==> flow/design.v <==
module storage_stage #(
    parameter integer NWORDS = 32,
    parameter integer DW = 10,
    parameter integer ADDR_WIDTH = $clog2(NWORDS)
) (
    input  wire clock,
    input  wire rst_i,
    input  wire [ADDR_WIDTH-1:0] addr,
    input  wire wr_en,
    input  wire [DW-1:0] wdata,
    output reg [DW-1:0] rd_data
);
    reg [DW-1:0] ram [NWORDS-1:0];
    always @(posedge clock)
        if (wr_en) ram[addr] <= wdata;
    always @(posedge clock) begin
        if (rst_i) begin
            rd_data <= 0;
        end else begin
            rd_data <= wr_en ? wdata : ram[addr];
        end
    end
endmodule
=== From RTL to reports: storage_stage ===
Tool output for the design above, in the order of the flow.
Lines are those of the file above, counted from 1.
Cell names lack the library's common part.
Not given: -

* Design top: storage_stage
* Clock port: clock
* Cell library: sky130hd
* Corner: tt_025C_1v80

=== Word-level counts ===
Source: Yosys, flattened and elaborated, memories not mapped. Widths are those after wreduce; folded enables and synchronous resets count as part of the registers. Registers that Yosys merges into a memory's read port (data or address) are not register bits. Print and check cells do not count. Equal cells are merged and count once.
Yosys's memory passes give these memory sizes; they may raise the number of words (mostly to a power of two), join words into wider ones and drop unused or constant bits.

* Bits in registers: 0
* Memory bits (writable): 320
* Word width x clocked read ports: 10
* Memories: 1
* Input bits: 18
* Output and inout bits: 10

* Multiplexer cells: 3

{| class="wikitable"
|+ Memory list
! memory !! depth !! width !! rd ports !! write ports !! RTL line !! source
|-
| ram || 32 || 10 || 1 || 1 || 13 || <nowiki>reg [DW-1:0] ram [NWORDS-1:0];</nowiki>
|}

{| class="wikitable"
|+ Operators with widths
! cell !! number
|-
| 2-to-1 mux 10 bit || 1
|-
| 2-to-1 mux 5 bit || 1
|-
| 2-to-1 mux 1 bit || 1
|}

=== Depth ===
Depth = most cells in a row (Yosys ltp): at word level without a register or memory, in the mapped netlist without a sequential cell, where the memories' decode and read muxes count.

* Depth in word-level cells: 1
* ABC_AREA: 0
* Gate-level depth with buffers: 8
* Depth with buffers taken out: 4

=== Netlist ===
Source: synth_stat.txt of the flow (Yosys; design flattened, memories mapped). It holds for the ABC_AREA given above (unset counts as 0); a run with the other value may have another netlist.

* Standard cells after synthesis: 631
* Cell area after synthesis: 12,995.0 µm²
* Mapped flip-flops: 330

{| class="wikitable"
|+ Cells by type
! cell type !! number !! total area (µm²)
|-
| edfxtp_1 || 320 || 9.61E+03
|-
| mux4_2 || 45 || 1.01E+03
|-
| mux2i_1 || 44 || 440.422
|-
| mux4_1 || 13 || 341.578
|-
| dfxtp_1 || 10 || 200.192
|-
| nor2_1 || 33 || 123.869
|-
| a22oi_1 || 13 || 97.594
|-
| clkbuf_8 || 7 || 96.342
|-
| a22o_1 || 10 || 87.584
|-
| o22ai_1 || 14 || 87.584
|-
| buf_6 || 5 || 56.304
|-
| buf_4 || 7 || 52.55
|-
| a21o_1 || 6 || 45.043
|-
| buf_2 || 9 || 45.043
|-
| a31oi_1 || 6 || 37.536
|-
| nand3b_1 || 5 || 37.536
|-
| nor2b_1 || 6 || 37.536
|-
| nor4_1 || 6 || 37.536
|}

Not listed: further types 31, cells in them 72.

=== Timing after synthesis ===
Path of least setup slack by OpenSTA after synthesis, without wires, with an ideal clock, recovery checks aside; 20% of the period is set as input and as output delay. Where synthesis merged equal registers, the netlist keeps one of their names.

* Kind: input -> register
* Start point: input addr[0]
* End point: memory ram[0][0]
* Period: 3,050 ps
* Setup time: 376 ps
* Launch time at the first pin: 610 ps
* Arrival: 2,185 ps
* Data required time: 2,674 ps
* Path slack: 489 ps
* Path delay: 1,951 ps
* Stages: 6
* Synthesis period reached: 2,561 ps

"path delay" = arrival - input delay + setup time.
"stages": output pins that drive a net of the path, with the launching flip-flop's if there is one; two outputs of one cell count as two.
"synthesis period reached" is the clock period less the worst setup slack; recovery checks do not enter. This is arithmetic on one report: input and output delays are still those of the set period (20% each).
Between the ends stands the longest chain of elaborated cells between them, by number of cells; it is not shown to be the way that was timed. Of several equally long chains one is given.
Each line given opens the expression or statement behind the cell; cells for indexed reads and writes are added by Yosys, which also makes memories of some case tables.

* Cell sequence: buf_6 -> buf_6 -> buf_2 -> or3b_2 -> clkbuf_1 -> nor2_1
* Cells in the longest elaborated chain: 1
* Elaborated cells between the ends (all ways): 1
* RTL lines with such cells: 1
* Classes of those cells: mux: 1

{| class="wikitable"
|+ Ends and longest elaborated chain, post-synthesis
! element !! RTL line !! source
|-
| start, declared || 8 || <nowiki>input  wire [ADDR_WIDTH-1:0] addr,</nowiki>
|-
| 2-to-1 mux 5 bit || 15 || <nowiki>if (wr_en) ram[addr] <= wdata;</nowiki>
|-
| end, declared || 13 || <nowiki>reg [DW-1:0] ram [NWORDS-1:0];</nowiki>
|}

=== Path in the finished layout ===
From the final timing report of run 1: the path of least setup slack in the routed layout; clock arrival at registers is part of the times.
The report prints the path's times to 10 ps; the period is as set.

* Kind: input -> register
* Start point: input addr[0]
* End point: register rd_data[8]
* Period: 3,050 ps
* Setup time: 180 ps
* Launch time at the first pin: 610 ps
* Arrival: 3,000 ps
* Data required time: 3,380 ps
* Path slack: 380 ps
* Stages: 6

* Cell sequence: buf_4 -> buf_12 -> mux4_1 -> a22o_1 -> a221oi_1 -> a311oi_1

{| class="wikitable"
|+ Ends and longest elaborated chain, after layout
! element !! RTL line !! source
|-
| start, declared || 8 || <nowiki>input  wire [ADDR_WIDTH-1:0] addr,</nowiki>
|-
| end, declared || 11 || <nowiki>output reg [DW-1:0] rd_data</nowiki>
|}

No chain of elaborated cells between the ends is given.

Memo
Re: implementation data of storage_stage

Below are 3 stored runs of the flow (Yosys, OpenROAD; platform sky130hd) on storage_stage, each with its settings and what was measured, unordered. Constraints: input delay and output delay 20% of the set period each, output load 0.01 pF.
"achieved clock period" is the run's clock period less its worst setup slack. It is reckoned from that one timing run; input and output delays stay at 20% of the period that was set.
"worst setup path time" is the time allowed to the run's worst setup path (the clock period less input and output delay, where it has them) less its slack. Clock arrival times count: a late capture clock shortens it, a late launch clock lengthens it.
"power" is the tool's figure for a default switching activity; nothing was simulated.
"worst setup path time" is given in steps of 10 ps.

Run 1
==> flow/run.sh <==
#!/bin/bash
# the make line also repeats the synthesis and layout settings of config.mk as NAME=value (left out here)
make -C /OpenROAD-flow-scripts/flow DESIGN_CONFIG=/design/flow/config.mk WORK_HOME=/design/flow/orfs CLKGATE_MAP_FILE= finish
==> flow/config.mk <==
export PLATFORM = sky130hd
export DESIGN_NAME = storage_stage
export DESIGN_NICKNAME = storage_stage
export VERILOG_FILES = /design/flow/design.v
export SDC_FILE = /design/flow/constraint.sdc
export NUM_CORES = 4
export LEC_CHECK = 0
export CAP_MARGIN = 20
export CORE_MARGIN = 2
export CORE_UTILIZATION = 40
export SLEW_MARGIN = 20
==> flow/constraint.sdc <==
create_clock -name core_clock -period 3.05 [get_ports {clock}]
set_input_delay 0.6100 -clock core_clock [delete_from_list [all_inputs] [get_ports {clock}]]
set_output_delay 0.6100 -clock core_clock [all_outputs]
set_load 0.01 [all_outputs]

==> results of run 1 <==
chip area after synthesis (Yosys): 12,995.0 µm²
die area: 33,944.4 µm²
standard-cell area of the final layout: 15,277.2 µm²
utilization: 47.3%
worst setup slack after layout: 384 ps
total negative slack: 0 ps
worst hold slack: 803 ps
power: 9,753 µW
achieved clock period: 2,666 ps
worst setup path time: 2,060 ps
worst setup path kind: input -> register

Run 2
==> flow/run.sh <==
#!/bin/bash
# the make line also repeats the synthesis and layout settings of config.mk as NAME=value (left out here)
make -C /OpenROAD-flow-scripts/flow DESIGN_CONFIG=/design/flow/config.mk WORK_HOME=/design/flow/orfs CLKGATE_MAP_FILE= finish
==> flow/config.mk <==
export PLATFORM = sky130hd
export DESIGN_NAME = storage_stage
export DESIGN_NICKNAME = storage_stage
export VERILOG_FILES = /design/flow/design.v
export SDC_FILE = /design/flow/constraint.sdc
export NUM_CORES = 4
export LEC_CHECK = 0
export CAP_MARGIN = 20
export CORE_ASPECT_RATIO = 0.84
export CORE_MARGIN = 4
export CORE_UTILIZATION = 30
export CTS_CLUSTER_DIAMETER = 220
export CTS_CLUSTER_SIZE = 62
export GPL_ROUTABILITY_DRIVEN = 1
export GPL_TIMING_DRIVEN = 0
export MAX_ROUTING_LAYER = met5
export PLACE_DENSITY_LB_ADDON = 0.12
export SETUP_SLACK_MARGIN = 0.48
export SLEW_MARGIN = 15
==> flow/constraint.sdc <==
create_clock -name core_clock -period 3.16 [get_ports {clock}]
set_input_delay 0.6320 -clock core_clock [delete_from_list [all_inputs] [get_ports {clock}]]
set_output_delay 0.6320 -clock core_clock [all_outputs]
set_load 0.01 [all_outputs]

==> results of run 2 <==
chip area after synthesis (Yosys): 12,995.0 µm²
die area: 46,723.1 µm²
standard-cell area of the final layout: 14,657.8 µm²
utilization: 34.4%
worst setup slack after layout: 474 ps
total negative slack: 0 ps
worst hold slack: 368 ps
power: 7,230 µW
achieved clock period: 2,686 ps
worst setup path time: 2,050 ps
worst setup path kind: input -> register

Run 3
==> flow/run.sh <==
#!/bin/bash
# the make line also repeats the synthesis and layout settings of config.mk as NAME=value (left out here)
make -C /OpenROAD-flow-scripts/flow DESIGN_CONFIG=/design/flow/config.mk WORK_HOME=/design/flow/orfs CLKGATE_MAP_FILE= finish
==> flow/config.mk <==
export PLATFORM = sky130hd
export DESIGN_NAME = storage_stage
export DESIGN_NICKNAME = storage_stage
export VERILOG_FILES = /design/flow/design.v
export SDC_FILE = /design/flow/constraint.sdc
export NUM_CORES = 4
export LEC_CHECK = 0
export CAP_MARGIN = 20
export CORE_ASPECT_RATIO = 1.79
export CORE_MARGIN = 2
export CORE_UTILIZATION = 42
export MAX_ROUTING_LAYER = met5
export MIN_ROUTING_LAYER = met2
export PLACE_DENSITY_LB_ADDON = 0.03
export SLEW_MARGIN = 20
==> flow/constraint.sdc <==
create_clock -name core_clock -period 3.64 [get_ports {clock}]
set_input_delay 0.7280 -clock core_clock [delete_from_list [all_inputs] [get_ports {clock}]]
set_output_delay 0.7280 -clock core_clock [all_outputs]
set_load 0.01 [all_outputs]

==> results of run 3 <==
chip area after synthesis (Yosys): 12,995.0 µm²
die area: 32,422.7 µm²
standard-cell area of the final layout: 14,823.0 µm²
utilization: 48.3%
worst setup slack after layout: 887 ps
total negative slack: 0 ps
worst hold slack: 706 ps
power: 7,653 µW
achieved clock period: 2,753 ps
worst setup path time: 2,030 ps
worst setup path kind: input -> register
